==> flow/design.v <==
module scratch (ck, rstn, wr_i, wr_idx_i, wdata_i, read_addr_a_i, read_addr_b_i, rd_a_o, rd_b_o);
  parameter NUM_REGS = 12;
  parameter XLEN = 20;
  localparam ADDR_W = $clog2(NUM_REGS);
  input ck;
  input rstn;
  input wr_i;
  input [ADDR_W-1:0] wr_idx_i;
  input [XLEN-1:0] wdata_i;
  input [ADDR_W-1:0] read_addr_a_i;
  input [ADDR_W-1:0] read_addr_b_i;
  output reg [XLEN-1:0] rd_a_o;
  output reg [XLEN-1:0] rd_b_o;
  reg wr_ff;
  reg [ADDR_W-1:0] wr_idx_ff;
  reg [XLEN-1:0] wdata_ff;
  always @(posedge ck or negedge rstn) begin
    if (~rstn) begin
      wr_ff <= 1'b0;
      wr_idx_ff <= 0;
      wdata_ff <= 0;
    end else begin
      wr_ff <= wr_i;
      wr_idx_ff <= wr_idx_i;
      wdata_ff <= wdata_i;
    end
  end
  reg [XLEN-1:0] mem [NUM_REGS-1:0];
  always @(posedge ck) begin
    if (wr_ff && wr_idx_ff != 0)
      mem[wr_idx_ff] <= wdata_ff;
  end
  reg [ADDR_W-1:0] read_addr_a_ff;
  reg [ADDR_W-1:0] read_addr_b_ff;
  always @(posedge ck or negedge rstn) begin
    if (~rstn) begin
      read_addr_a_ff <= 0;
      read_addr_b_ff <= 0;
      rd_a_o <= 0;
      rd_b_o <= 0;
    end else begin
      read_addr_a_ff <= read_addr_a_i;
      read_addr_b_ff <= read_addr_b_i;
      rd_a_o <= (read_addr_a_ff == 0) ? {XLEN{1'b0}} : mem[read_addr_a_ff];
      rd_b_o <= (read_addr_b_ff == 0) ? {XLEN{1'b0}} : mem[read_addr_b_ff];
    end
  end
endmodule
* Tool chain data of scratch *
Tool output for the design above, in the order of the flow.
Line numbers count from 1 in the design file above.
Operators carry their Yosys type and port widths (W data, S select, Z words).
A cell with - has no value.

design
  top = scratch
  clock port = ck
  cell library = sky130hd
  timing corner = tt_025C_1v80

* Elaborated design *
Counts by Yosys on the flattened word-level netlist (proc, flatten, opt, wreduce; memories kept). Register bits leave out memories and registers merged into their read ports (data or address); mux counts leave out enables and synchronous resets folded into registers. Print and check cells are left out. Cells with the same type and inputs are merged into one.
Yosys's memory passes give these memory sizes; they may raise the number of words (mostly to a power of two), join words into wider ones and drop unused or constant bits.

storage and ports
  bits in registers = 73
  memory bits (writable) = 240
  memories kept = 1
  cells after elaboration = 17

operators by class
  mux-type cells = 5
  reduce/logical cells = 4

memories
  name  words  width  rd ports  wr ports  line  source
  mem   12     20     2         1         28    reg [XLEN-1:0] mem [NUM_REGS-1:0];

operators by type and width
  operator             number
  $mux W20             3
  $logic_not A4 Y1     2
  $reduce_bool A4 Y1   1
  $mux W4              1
  $logic_and A1 B1 Y1  1
  $mux W1              1

* Logic depth *
Yosys ltp: most cells in a row. Word level: on the elaborated netlist, between registers, memories and ports. Mapped: between sequential cells and ports; inverters and the memories' decode and read muxes count.

logic depth
  depth in word-level cells = 3
  ABC_AREA = 0
  depth in mapped cells = 6
  gate-level depth less buffers = 3

* After synthesis *
Source: synth_stat.txt of the flow (Yosys; design flattened, memories mapped). It holds for the ABC_AREA given above (unset counts as 0); a run with the other value may have another netlist.
The area totals of this step are shown rounded.

synthesis totals
  cells in the netlist = 681
  chip area (Yosys) = 0.01254 mm^2
  flip-flops = 303

cell types
  cell                        number  total area (um^2)
  sky130_fd_sc_hd__edfxtp_1   230     6.91E+03
  sky130_fd_sc_hd__dfrtp_1    73      1.83E+03
  sky130_fd_sc_hd__mux4_2     70      1.58E+03
  sky130_fd_sc_hd__mux2i_1    59      590.566
  sky130_fd_sc_hd__mux2_2     30      337.824
  sky130_fd_sc_hd__nor2_1     38      142.637
  sky130_fd_sc_hd__nand2_1    34      127.622
  sky130_fd_sc_hd__a222oi_1   10      100.096
  sky130_fd_sc_hd__buf_2      16      80.077
  sky130_fd_sc_hd__a2bb2oi_1  9       78.826
  sky130_fd_sc_hd__o221ai_1   9       78.826
  sky130_fd_sc_hd__o22a_1     9       78.826
  sky130_fd_sc_hd__a22oi_1    9       67.565
  sky130_fd_sc_hd__a31oi_1    9       56.304
  sky130_fd_sc_hd__buf_6      5       56.304
  sky130_fd_sc_hd__a21oi_1    11      55.053
  sky130_fd_sc_hd__buf_4      6       45.043
  sky130_fd_sc_hd__o21ai_1    9       45.043

Other cell types: 20; their cells: 45.

* Worst setup path after synthesis *
OpenSTA on the mapped netlist: ideal clock, no wires. The path of least setup slack (recovery checks aside). Input and output delay are each 20% of the period. Register names are those of the netlist, which keeps one name where synthesis merged equal registers.

timing post-synthesis
  path type = flip-flop to flip-flop
  start = reg wr_idx_ff[3]
  end = mem mem[4][0]
  clock period = 3000 ps
  library setup time = 422 ps
  launch time at the first pin = 0 ps
  arrival = 1982 ps
  data required time = 2578 ps
  path slack = 595 ps
  path delay = 2404 ps
  driving pins on the path = 3
  buffers on the path = 0
  period reached after synthesis = 2405 ps

"path delay" is the arrival time less input delay plus setup time.
"driving pins on the path" counts driving pins, that of a launching flip-flop among them; a cell with two outputs on the path counts twice.
"period reached after synthesis" is the clock period less the worst setup slack; recovery checks do not enter. This is arithmetic on one report: input and output delays are still those of the set period (20% each).
The rows between start and end are the longest chain of elaborated cells between them; the timing report does not say that the signal goes this way. Where chains are equally long, one stands for them.
Each line given opens the expression or statement behind the cell; cells for indexed reads and writes are added by Yosys, which also makes memories of some case tables.
Only ways into the end's enable, where the timed path ends, are counted here.

between the ends, post-synthesis
  cell sequence = sky130_fd_sc_hd__dfrtp_1 > sky130_fd_sc_hd__nand3b_1 > sky130_fd_sc_hd__nor3_1
  length of the longest elaborated chain = 3

RTL lines, path post-synthesis
  what                 line  source
  start, declared      15    reg [ADDR_W-1:0] wr_idx_ff;
  start, assigned      20    wr_idx_ff <= 0;
  start, assigned      24    wr_idx_ff <= wr_idx_i;
  $reduce_bool A4 Y1   30    if (wr_ff && wr_idx_ff != 0)
  $logic_and A1 B1 Y1  30
  $mux W4              30
  end, declared        28    reg [XLEN-1:0] mem [NUM_REGS-1:0];

* Timing after layout *
From the final timing report of flow run A: the path of least setup slack in the routed layout; clock arrival at registers is part of the times.
The path's times are printed in steps of 10 ps; the period is the one set.

timing after layout
  path type = flip-flop to flip-flop
  start = reg read_addr_a_ff[0]
  end = reg rd_a_o[18]
  clock period = 3000 ps
  library setup time = 120 ps
  launch time at the first pin = 500 ps
  arrival = 2780 ps
  data required time = 3380 ps
  path slack = 600 ps
  driving pins on the path = 5
  buffers on the path = 1

The rows between start and end are the longest chain of elaborated cells between them; the timing report does not say that the signal goes this way. Where chains are equally long, one stands for them.
A memory read counts as a cell of the chain, while the word-level depth stops at memories.

between the ends, after layout
  cell sequence = sky130_fd_sc_hd__dfrtp_2 > sky130_fd_sc_hd__buf_4 > sky130_fd_sc_hd__nand2b_1 > sky130_fd_sc_hd__o22a_1 > sky130_fd_sc_hd__a31oi_1
  length of the longest elaborated chain = 2

RTL lines, path after layout
  what             line  source
  start, declared  33    reg [ADDR_W-1:0] read_addr_a_ff;
  start, assigned  37    read_addr_a_ff <= 0;
  start, assigned  42    read_addr_a_ff <= read_addr_a_i;
  $mem_v2 Z12 W20  28    reg [XLEN-1:0] mem [NUM_REGS-1:0];
  $mux W20         44    rd_a_o <= (read_addr_a_ff == 0) ? {XLEN{1'b0}} : mem[read_addr_a_ff];
  end, assigned    39    rd_a_o <= 0;
  end, assigned    44
  end, declared    12    output reg [XLEN-1:0] rd_a_o;

Wiki page: scratch / flow data

Top module scratch; platform sky130hd; tools Yosys and OpenROAD; 3 stored runs in no particular order. Input and output delays are each 20% of the period that was set; the output load is 0.01 pF.
"achieved clock period": clock period set for the run, less the worst setup slack. It is reckoned from that one timing run; input and output delays stay at 20% of the period that was set.
"worst setup path time" is the time allowed to the run's worst setup path (the clock period less input and output delay, where it has them) less its slack. Clock arrival times count: a late capture clock shortens it, a late launch clock lengthens it.
"worst setup path time" is given in steps of 10 ps.
Results are given in rounded form.

Flow run A
==> flow/run.sh <==
#!/bin/bash
# the make line also repeats the synthesis and layout settings of config.mk as NAME=value (left out here)
make -C /OpenROAD-flow-scripts/flow DESIGN_CONFIG=/design/flow/config.mk WORK_HOME=/design/flow/orfs CLKGATE_MAP_FILE= finish
==> flow/config.mk <==
export PLATFORM = sky130hd
export DESIGN_NAME = scratch
export DESIGN_NICKNAME = scratch
export VERILOG_FILES = /design/flow/design.v
export SDC_FILE = /design/flow/constraint.sdc
export NUM_CORES = 4
export LEC_CHECK = 0
export CAP_MARGIN = 20
export CORE_MARGIN = 2
export CORE_UTILIZATION = 40
export SLEW_MARGIN = 20
==> flow/constraint.sdc <==
create_clock -name core_clock -period 3.0 [get_ports {ck}]
set_input_delay 0.6000 -clock core_clock [delete_from_list [all_inputs] [get_ports {ck}]]
set_output_delay 0.6000 -clock core_clock [all_outputs]
set_load 0.01 [all_outputs]

==> results of flow run A <==
chip area after synthesis (Yosys): 0.01254 mm^2
die area: 0.03279 mm^2
standard-cell area of the final layout: 0.01501 mm^2
worst setup slack after layout: 602 ps
achieved clock period: 2398 ps
worst setup path time: 2400 ps
worst setup path kind: flip-flop to flip-flop

Flow run B
==> flow/run.sh <==
#!/bin/bash
# the make line also repeats the synthesis and layout settings of config.mk as NAME=value (left out here)
make -C /OpenROAD-flow-scripts/flow DESIGN_CONFIG=/design/flow/config.mk WORK_HOME=/design/flow/orfs CLKGATE_MAP_FILE= finish
==> flow/config.mk <==
export PLATFORM = sky130hd
export DESIGN_NAME = scratch
export DESIGN_NICKNAME = scratch
export VERILOG_FILES = /design/flow/design.v
export SDC_FILE = /design/flow/constraint.sdc
export NUM_CORES = 4
export LEC_CHECK = 0
export ABC_AREA = 1
export CAP_MARGIN = 20
export CELL_PAD_IN_SITES_GLOBAL_PLACEMENT = 1
export CORE_MARGIN = 8
export CORE_UTILIZATION = 40
export CTS_CLUSTER_DIAMETER = 298
export GPL_ROUTABILITY_DRIVEN = 1
export MAX_ROUTING_LAYER = met5
export MIN_ROUTING_LAYER = met2
export PLACE_DENSITY_LB_ADDON = 0.14
export SLEW_MARGIN = 35
==> flow/constraint.sdc <==
create_clock -name core_clock -period 3.15 [get_ports {ck}]
set_input_delay 0.6300 -clock core_clock [delete_from_list [all_inputs] [get_ports {ck}]]
set_output_delay 0.6300 -clock core_clock [all_outputs]
set_load 0.01 [all_outputs]

==> results of flow run B <==
chip area after synthesis (Yosys): 0.01422 mm^2
die area: 0.04184 mm^2
standard-cell area of the final layout: 0.01664 mm^2
worst setup slack after layout: 1000 ps
achieved clock period: 2150 ps
worst setup path time: 1520 ps
worst setup path kind: flip-flop to output port

Flow run C
==> flow/run.sh <==
#!/bin/bash
# the make line also repeats the synthesis and layout settings of config.mk as NAME=value (left out here)
make -C /OpenROAD-flow-scripts/flow DESIGN_CONFIG=/design/flow/config.mk WORK_HOME=/design/flow/orfs CLKGATE_MAP_FILE= finish
==> flow/config.mk <==
export PLATFORM = sky130hd
export DESIGN_NAME = scratch
export DESIGN_NICKNAME = scratch
export VERILOG_FILES = /design/flow/design.v
export SDC_FILE = /design/flow/constraint.sdc
export NUM_CORES = 4
export LEC_CHECK = 0
export CAP_MARGIN = 5
export CELL_PAD_IN_SITES_GLOBAL_PLACEMENT = 0
export CORE_ASPECT_RATIO = 1.11
export CORE_MARGIN = 5
export CORE_UTILIZATION = 42
export CTS_CLUSTER_DIAMETER = 64
export GPL_ROUTABILITY_DRIVEN = 0
export MIN_ROUTING_LAYER = met2
export PLACE_DENSITY_LB_ADDON = 0.02
export SETUP_SLACK_MARGIN = 0.53
export SLEW_MARGIN = 25
export TNS_END_PERCENT = 45
==> flow/constraint.sdc <==
create_clock -name core_clock -period 2.02 [get_ports {ck}]
set_input_delay 0.4040 -clock core_clock [delete_from_list [all_inputs] [get_ports {ck}]]
set_output_delay 0.4040 -clock core_clock [all_outputs]
set_load 0.01 [all_outputs]

==> results of flow run C <==
chip area after synthesis (Yosys): 0.01254 mm^2
die area: 0.03342 mm^2
standard-cell area of the final layout: 0.01626 mm^2
worst setup slack after layout: 314 ps
achieved clock period: 1706 ps
worst setup path time: 1710 ps
worst setup path kind: flip-flop to flip-flop
